==> flow/design.v <==
module my_times_v2 #(
  parameter WD = 4,
  parameter COEF = 25,
  parameter RES_W = WD + $clog2(COEF + 1)
) (
  input  logic clk,
  input  logic clk_en,
  input  logic [WD-1:0] in_x,
  output logic [RES_W-1:0] out_out
);
  always_ff @(posedge clk) begin
    if (clk_en) begin
      out_out <= in_x * COEF;
    end
  end
endmodule
* Step by step through the tools: my_times_v2
What the tools print for my_times_v2, step after step.
Line numbers count from 1 in the design file above.
Library cell names are shortened.
A cell with n/a has no value.
- Design top :: my_times_v2
- Clock input :: clk
- Standard-cell library :: sky130hd
- Corner :: tt_025C_1v80

* After elaboration
Yosys after proc, flatten, opt, wreduce and memory -nomap, before mapping. Enables and synchronous resets that opt folds into registers are not counted as muxes. Memory bits, and registers merged into a memory's read port (data or address), are not among the register bits. Print and check cells are not counted. Equal cells are merged and count once.
- Multiply operators :: 1
** Operators by type and width (count)
- 4-bit by 5-bit multiplier with 9-bit output (second input constant) :: 1
- Bits in registers :: 9
- Bits of input ports :: 6
- Output and inout port bits :: 9
- Elaborated cells :: 2

* Longest topological paths
Depth = most cells in a row (Yosys ltp): at word level without a register or memory, in the mapped netlist without a sequential cell, where the memories' decode and read muxes count.
- Depth after elaboration :: 1
- ABC_AREA :: 0
- Gate-level depth with buffers :: 7
- Gate-level depth less buffers :: 7

* Mapped cells and area
Source: synth_stat.txt of the flow (Yosys; design flattened, memories mapped). It holds for the ABC_AREA given above (unset counts as 0); a run with the other value may have another netlist.
Totals and module areas in this step are rounded.
- Cell count :: 33
- Synthesis area :: 0.00049 mm²
- Sequential area :: 0.00027 mm²
- Flip-flops :: 9
- Buffer cells :: 0
** Cells by type
- edfxtp_1 :: count 9, area in all 270.259 µm²
- ha_1 :: count 10, area in all 125.12 µm²
- inv_1 :: count 7, area in all 26.275 µm²
- xnor2_1 :: count 3, area in all 26.275 µm²
- fa_1 :: count 1, area in all 20.019 µm²
- a21oi_2 :: count 1, area in all 8.758 µm²
- a21o_1 :: count 1, area in all 7.507 µm²
- nand2_1 :: count 1, area in all 3.754 µm²

* Path before layout
OpenSTA on the mapped netlist: ideal clock, no wires. The path of least setup slack (recovery checks aside). Input and output delay are each 20% of the period. Register names are those of the netlist, which keeps one name where synthesis merged equal registers.
- Kind :: input port to flip-flop
- Start :: in in_x[0]
- End :: reg out_out[8]
- Period :: 2.08 ns
- Input delay :: 0.416 ns
- Library setup time :: 0.258 ns
- Launch time at the first pin :: 0.416 ns
- Data arrival time :: 1.492 ns
- Data required time :: 1.822 ns
- Path slack :: 0.331 ns
- Path delay :: 1.334 ns
- Stages :: 7
- Path buffers :: 0
- Period reached after synthesis :: 1.749 ns
"path delay" = arrival - input delay + setup time.
"stages" counts driving pins, that of a launching flip-flop among them; a cell with two outputs on the path counts twice.
"period reached after synthesis" is the clock period less the worst setup slack; recovery checks do not enter. This is arithmetic on one report: input and output delays are still those of the set period (20% each).
Between the ends stands the longest chain of elaborated cells between them, by number of cells; it is not shown to be the way that was timed. Of several equally long chains one is given.
Each line given opens the expression or statement behind the cell; cells for indexed reads and writes are added by Yosys, which also makes memories of some case tables.
- Path through :: ha_1 ha_1 inv_1 fa_1 inv_1 a21oi_2 xnor2_1
- Cells in the longest elaborated chain :: 1
- Elaborated cells on any way between the ends :: 1
- RTL lines with such cells :: 1
- Classes of those cells :: mul (1)
** Ends and longest elaborated chain, post-synthesis
- from (decl) :: line 8 : input  logic [WD-1:0] in_x,
- 4-bit by 5-bit multiplier with 9-bit output :: line 13 : out_out <= in_x * COEF;
- to (assign) :: line 13
- to (decl) :: line 9 : output logic [RES_W-1:0] out_out

* Worst path after layout
Path of least setup slack in the final report of flow run C (OpenROAD, finished layout, wires in). Where an end is a register, its clock arrival counts in the times.
- Kind :: input port to flip-flop
- Start :: in in_x[2]
- End :: reg out_out[8]
- Period :: 2.08 ns
- Input delay :: 0.42 ns
- Library setup time :: 0.25 ns
- Launch time at the first pin :: 0.42 ns
- Data arrival time :: 1.98 ns
- Data required time :: 2.08 ns
- Path slack :: 0.10 ns
- Stages :: 7
- Path buffers :: 1
Between the ends stands the longest chain of elaborated cells between them, by number of cells; it is not shown to be the way that was timed. Of several equally long chains one is given.
- Path through :: clkdlybuf4s50_1 ha_1 inv_1 fa_1 inv_1 a21oi_2 xnor2_1
- Cells in the longest elaborated chain :: 1
- Elaborated cells on any way between the ends :: 1
- RTL lines with such cells :: 1
- Classes of those cells :: mul (1)
** Ends and longest elaborated chain, after layout
- from (decl) :: line 8 : input  logic [WD-1:0] in_x,
- 4-bit by 5-bit multiplier with 9-bit output :: line 13 : out_out <= in_x * COEF;
- to (assign) :: line 13
- to (decl) :: line 9 : output logic [RES_W-1:0] out_out

## Implementation results

Settings and measured results of 3 stored flow runs for module my_times_v2 (sky130hd), not sorted in any way. The constraints put input and output delay at 20% of the set period each and load the outputs with 0.01 pF.
"period achieved" = clock period - worst setup slack. The figure is calculated, with input and output delays left at 20% of the set period.
"allowed time less slack (worst setup path)": the worst setup path's part of the clock period (all of it between registers, 20% less for each end at a port) less its slack. A launch clock that arrives late makes it longer, a capture clock that arrives late makes it shorter.
"power consumption": no workload was simulated; the value follows from the tool's default switching activity.
Values from the reports are rounded here.

* Flow run A
** Files
==> flow/run.sh <==
#!/bin/bash
# the make line also repeats the synthesis and layout settings of config.mk as NAME=value (left out here)
make -C /OpenROAD-flow-scripts/flow DESIGN_CONFIG=/design/flow/config.mk WORK_HOME=/design/flow/orfs CLKGATE_MAP_FILE= finish
==> flow/config.mk <==
export PLATFORM = sky130hd
export DESIGN_NAME = my_times_v2
export DESIGN_NICKNAME = my_times_v2
export VERILOG_FILES = /design/flow/design.v
export SDC_FILE = /design/flow/constraint.sdc
export NUM_CORES = 4
export LEC_CHECK = 0
export ABC_AREA = 1
export CAP_MARGIN = 20
export CELL_PAD_IN_SITES_DETAIL_PLACEMENT = 2
export CELL_PAD_IN_SITES_GLOBAL_PLACEMENT = 2
export CORE_MARGIN = 2
export CORE_UTILIZATION = 44
export GPL_ROUTABILITY_DRIVEN = 1
export GPL_TIMING_DRIVEN = 1
export PLACE_DENSITY_LB_ADDON = 0.04
export SLEW_MARGIN = 25
==> flow/constraint.sdc <==
create_clock -name core_clock -period 1.07 [get_ports {clk}]
set_input_delay 0.2140 -clock core_clock [delete_from_list [all_inputs] [get_ports {clk}]]
set_output_delay 0.2140 -clock core_clock [all_outputs]
set_load 0.01 [all_outputs]
** Results
Incomplete, placement halted on DPL-0033.

* Flow run B
** Files
==> flow/run.sh <==
#!/bin/bash
# the make line also repeats the synthesis and layout settings of config.mk as NAME=value (left out here)
make -C /OpenROAD-flow-scripts/flow DESIGN_CONFIG=/design/flow/config.mk WORK_HOME=/design/flow/orfs CLKGATE_MAP_FILE= finish
==> flow/config.mk <==
export PLATFORM = sky130hd
export DESIGN_NAME = my_times_v2
export DESIGN_NICKNAME = my_times_v2
export VERILOG_FILES = /design/flow/design.v
export SDC_FILE = /design/flow/constraint.sdc
export NUM_CORES = 4
export LEC_CHECK = 0
export ABC_AREA = 0
export CAP_MARGIN = 10
export CORE_ASPECT_RATIO = 0.53
export CORE_MARGIN = 2
export CORE_UTILIZATION = 46
export CTS_CLUSTER_DIAMETER = 152
export MAX_ROUTING_LAYER = met5
export SLEW_MARGIN = 20
export TNS_END_PERCENT = 70
==> flow/constraint.sdc <==
create_clock -name core_clock -period 1.63 [get_ports {clk}]
set_input_delay 0.3260 -clock core_clock [delete_from_list [all_inputs] [get_ports {clk}]]
set_output_delay 0.3260 -clock core_clock [all_outputs]
set_load 0.01 [all_outputs]
** Results
Incomplete, floorplanning halted on PDN-0185.

* Flow run C
** Files
==> flow/run.sh <==
#!/bin/bash
# the make line also repeats the synthesis and layout settings of config.mk as NAME=value (left out here)
make -C /OpenROAD-flow-scripts/flow DESIGN_CONFIG=/design/flow/config.mk WORK_HOME=/design/flow/orfs CLKGATE_MAP_FILE= finish
==> flow/config.mk <==
export PLATFORM = sky130hd
export DESIGN_NAME = my_times_v2
export DESIGN_NICKNAME = my_times_v2
export VERILOG_FILES = /design/flow/design.v
export SDC_FILE = /design/flow/constraint.sdc
export NUM_CORES = 4
export LEC_CHECK = 0
export CAP_MARGIN = 20
export CORE_MARGIN = 2
export CORE_UTILIZATION = 40
export SLEW_MARGIN = 20
==> flow/constraint.sdc <==
create_clock -name core_clock -period 2.08 [get_ports {clk}]
set_input_delay 0.4160 -clock core_clock [delete_from_list [all_inputs] [get_ports {clk}]]
set_output_delay 0.4160 -clock core_clock [all_outputs]
set_load 0.01 [all_outputs]
** Results
- Area inside the die boundary :: 0.0015 mm²
- Period achieved :: 1.979 ns
- Allowed time less slack (worst setup path) :: 1.56 ns
- Kind of the worst setup path :: input port to flip-flop
- Post-route setup TNS :: 0.000 ns
- Synthesized cell area :: 0.00049 mm²
- Standard-cell area after routing :: 0.00071 mm²
- Worst slack on setup checks :: 0.10 ns
- Power consumption :: 0.47 mW
